==> flow/design.v <==
module cpu_aligner_blk #(
  parameter integer WIDTH = 12,
  parameter integer LG = $clog2(WIDTH)
) (
  input  logic sys_clk,
  input  logic clr,
  input  logic step,
  input  logic [WIDTH-1:0] data,
  input  logic [LG-1:0] dist_in,
  output logic [WIDTH-1:0] y
);
  logic [WIDTH-1:0] data_ff;
  logic [LG-1:0] dist_in_ff;
  always_ff @(posedge sys_clk) begin
    if (clr) begin
      data_ff <= '0;
      dist_in_ff <= '0;
      y <= '0;
    end else if (step) begin
      data_ff <= data;
      dist_in_ff <= dist_in;
      y <= (data_ff << dist_in_ff) | (data_ff >> (WIDTH - dist_in_ff));
    end
  end
endmodule
# [Step by step through the tools: cpu_aligner_blk]
# What the tools print for cpu_aligner_blk, step after step.
# Line numbers count from 1 in the design file above.
# Operators: Yosys type, input widths -> output width; for muxes data width and select width s.
# Library cell names are shortened.
# A cell with - has no value.
[inputs] top="cpu_aligner_blk" clock="sys_clk" cell_library="sky130hd" lib_corner="tt_025C_1v80"

# [Word level]
# Source: Yosys, flattened and elaborated, memories not mapped. Widths are those after wreduce; folded enables and synchronous resets count as part of the registers. Registers that Yosys merges into a memory's read port (data or address) are not register bits. Print and check cells do not count. Equal cells are merged and count once.
[classes] add_sub_neg=1 n_shift=2 n_logic=1
[ops] op="$shr 12x32->12" n=1
[ops] op="$or 12x12->12" n=1
[ops] op="$shl 12x4->12" n=1
[ops] op="$sub 4x4->5 const A" n=1
[word_totals] register_bits=28 in_bits=19 output_inout_bits=12 elab_cells=7

# [Logic depth]
# Longest topological path by Yosys (ltp), each cell counted once; first at word level (registers and memories cut), then after technology mapping (sequential cells cut; the memories' decode and read muxes count).
[logic_depth] ltp_word=3 ABC_AREA=0 ltp_mapped=10 depth_no_buf=7

# [Mapped cells and area]
# Yosys stat after the flow's synthesis: flattened, memories mapped to cells. It holds for the ABC_AREA given above (unset counts as 0); a run with the other value may have another netlist.
# Totals and module areas in this step are rounded.
[synth_totals] mapped_cells=221 mapped_area_um2=1970 seq_area_um2=561 flip_flops=28 buffers=18
[by_type] type="dfxtp_1" n=28 type_area_um2=560.538
[by_type] type="mux2i_1" n=25 type_area_um2=250.24
[by_type] type="mux4_2" n=11 type_area_um2=247.738
[by_type] type="nor2_1" n=35 type_area_um2=131.376
[by_type] type="mux2_2" n=8 type_area_um2=90.086
[by_type] type="a21oi_1" n=13 type_area_um2=65.062
[by_type] type="nand2_1" n=16 type_area_um2=60.058
[by_type] type="buf_2" n=7 type_area_um2=35.034
[by_type] type="o21ai_0" n=7 type_area_um2=35.034
[by_type] type="a211oi_1" n=4 type_area_um2=30.029
[by_type] type="clkbuf_1" n=8 type_area_um2=30.029
[by_type] type="a311oi_1" n=3 type_area_um2=26.275
[by_type] type="o22ai_1" n=4 type_area_um2=25.024
[by_type] type="nand3b_1" n=3 type_area_um2=22.522
[by_type] type="nand3_1" n=4 type_area_um2=20.019
[by_type] type="and2_1" n=3 type_area_um2=18.768
[by_type] type="and3_1" n=3 type_area_um2=18.768
[by_type] type="inv_1" n=5 type_area_um2=18.768
# Other cell types: 27; their cells: 34.

# [Timing after synthesis]
# Path of least setup slack by OpenSTA after synthesis, without wires, with an ideal clock, recovery checks aside; 20% of the period is set as input and as output delay. Where synthesis merged equal registers, the netlist keeps one of their names.
[synth_path] path_type="register to register" start="reg dist_in_ff[1]" end="reg y[1]" period_ps=2880 setup_time_ps=103 t_first_pin_ps=0 arrival_ps=2197 required_time_ps=2777 path_slack_ps=579 path_delay_ps=2300 stages=8 n_path_buf=2 period_less_setup_slack_ps=2301
# "path_delay_ps" is the arrival time less input delay plus setup time.
# "stages" counts driving pins, that of a launching flip-flop among them; a cell with two outputs on the path counts twice.
# "period_less_setup_slack_ps" = period - worst setup slack (recovery checks aside). The figure is calculated, with input and output delays left at 20% of the set period.
# The rows between start and end are the longest chain of elaborated cells between them; the timing report does not say that the signal goes this way. Where chains are equally long, one stands for them.
# A line is the first line of the expression or statement that the cell stems from. Yosys adds cells for indexed reads and writes and turns some case tables into memories.
[synth_via] cell_sequence="dfxtp_1 -> buf_2 -> buf_2 -> inv_1 -> ha_1 -> xnor2_2 -> mux4_2 -> a2111oi_2" elab_chain_cells=3 cone_cells=4 cone_lines=1 classes_between="add/sub (1); shift (2); logic (1)"
[synth_lines] element="from (decl)" line_no=13 source="logic [LG-1:0] dist_in_ff;"
[synth_lines] element="from (assign)" line_no=17 source="dist_in_ff <= '0;"
[synth_lines] element="from (assign)" line_no=21 source="dist_in_ff <= dist_in;"
[synth_lines] element="$sub 4x4->5" line_no=22 source="y <= (data_ff << dist_in_ff) | (data_ff >> (WIDTH - dist_in_ff));"
[synth_lines] element="$shr 12x32->12" line_no=22
[synth_lines] element="$or 12x12->12" line_no=22
[synth_lines] element="to (assign)" line_no=18 source="y <= '0;"
[synth_lines] element="to (assign)" line_no=22
[synth_lines] element="to (decl)" line_no=10 source="output logic [WIDTH-1:0] y"

# [Worst path after layout]
# Path of least setup slack in the final report of record 1 (OpenROAD, finished layout, wires in). Where an end is a register, its clock arrival counts in the times.
# The report prints the path's times to 10 ps; the period is as set.
[layout_path] path_type="register to register" start="reg dist_in_ff[0]" end="reg y[4]" period_ps=1810 setup_time_ps=110 t_first_pin_ps=290 arrival_ps=2060 required_time_ps=1990 path_slack_ps=-70 stages=7 n_path_buf=1
# The rows between start and end are the longest chain of elaborated cells between them; the timing report does not say that the signal goes this way. Where chains are equally long, one stands for them.
[layout_via] cell_sequence="dfxtp_2 -> buf_6 -> mux2_2 -> and2_1 -> mux4_2 -> a21oi_2 -> nor3_1" elab_chain_cells=3 cone_cells=4 cone_lines=1 classes_between="add/sub (1); shift (2); logic (1)"
[layout_lines] element="from (decl)" line_no=13 source="logic [LG-1:0] dist_in_ff;"
[layout_lines] element="from (assign)" line_no=17 source="dist_in_ff <= '0;"
[layout_lines] element="from (assign)" line_no=21 source="dist_in_ff <= dist_in;"
[layout_lines] element="$sub 4x4->5" line_no=22 source="y <= (data_ff << dist_in_ff) | (data_ff >> (WIDTH - dist_in_ff));"
[layout_lines] element="$shr 12x32->12" line_no=22
[layout_lines] element="$or 12x12->12" line_no=22
[layout_lines] element="to (assign)" line_no=18 source="y <= '0;"
[layout_lines] element="to (assign)" line_no=22
[layout_lines] element="to (decl)" line_no=10 source="output logic [WIDTH-1:0] y"

# Measured results for cpu_aligner_blk: 3 stored runs of the Yosys and OpenROAD flow on sky130hd. The settings differ; the order carries no meaning. The constraints put input and output delay at 20% of the set period each and load the outputs with 0.01 pF.
# "timing.achieved_period_ps" is the run's clock period less its worst setup slack. It is reckoned from that one timing run; input and output delays stay at 20% of the period that was set.
# "worst_path_ps" is the time allowed to the run's worst setup path (the clock period less input and output delay, where it has them) less its slack. Clock arrival times count: a late capture clock shortens it, a late launch clock lengthens it.
# By "total_power_w" is meant OpenSTA's value without simulated activity: inputs other than the clock are taken to toggle once in ten clock periods, and the tool carries that through the logic.
# "worst_path_ps" is given in steps of 10 ps.
# Values from the reports are rounded here.
run="record 1" settings period_ns=1.81 CORE_UTILIZATION=20 SETUP_SLACK_MARGIN=-0.1 CORE_MARGIN=5 CELL_PAD_IN_SITES_DETAIL_PLACEMENT=2 TNS_END_PERCENT=45 GPL_TIMING_DRIVEN=1 CTS_CLUSTER_SIZE=64 MAX_ROUTING_LAYER="met5" CAP_MARGIN=20 SLEW_MARGIN=20
run="record 1" results total_power_w=0.00179 design.die.area_um2=11900 yosys_chip_area_um2=1970 layout_utilization_pct=29.1 timing.achieved_period_ps=1883 worst_path_ps=1880 worst_setup_path_type="register to register" worstSetupSlack_ps=-73
run="record 2" settings period_ns=2.88 CAP_MARGIN=20 CORE_MARGIN=2 CORE_UTILIZATION=40 SLEW_MARGIN=20
run="record 2" results total_power_w=0.00097 design.die.area_um2=5510 yosys_chip_area_um2=1970 layout_utilization_pct=50.4 timing.achieved_period_ps=2145 worst_path_ps=2150 worst_setup_path_type="register to register" worstSetupSlack_ps=735
run="record 3" settings period_ns=2.95 CORE_UTILIZATION=63 SETUP_SLACK_MARGIN=0.57 PLACE_DENSITY=0.64 HOLD_SLACK_MARGIN=0.1 CELL_PAD_IN_SITES_GLOBAL_PLACEMENT=0 ABC_AREA=0 GPL_ROUTABILITY_DRIVEN=0 CAP_MARGIN=25 SLEW_MARGIN=15 CORE_MARGIN=2
run="record 3" results total_power_w=0.000906 design.die.area_um2=3590 yosys_chip_area_um2=1970 layout_utilization_pct=77.2 timing.achieved_period_ps=2270 worst_path_ps=2270 worst_setup_path_type="register to register" worstSetupSlack_ps=680
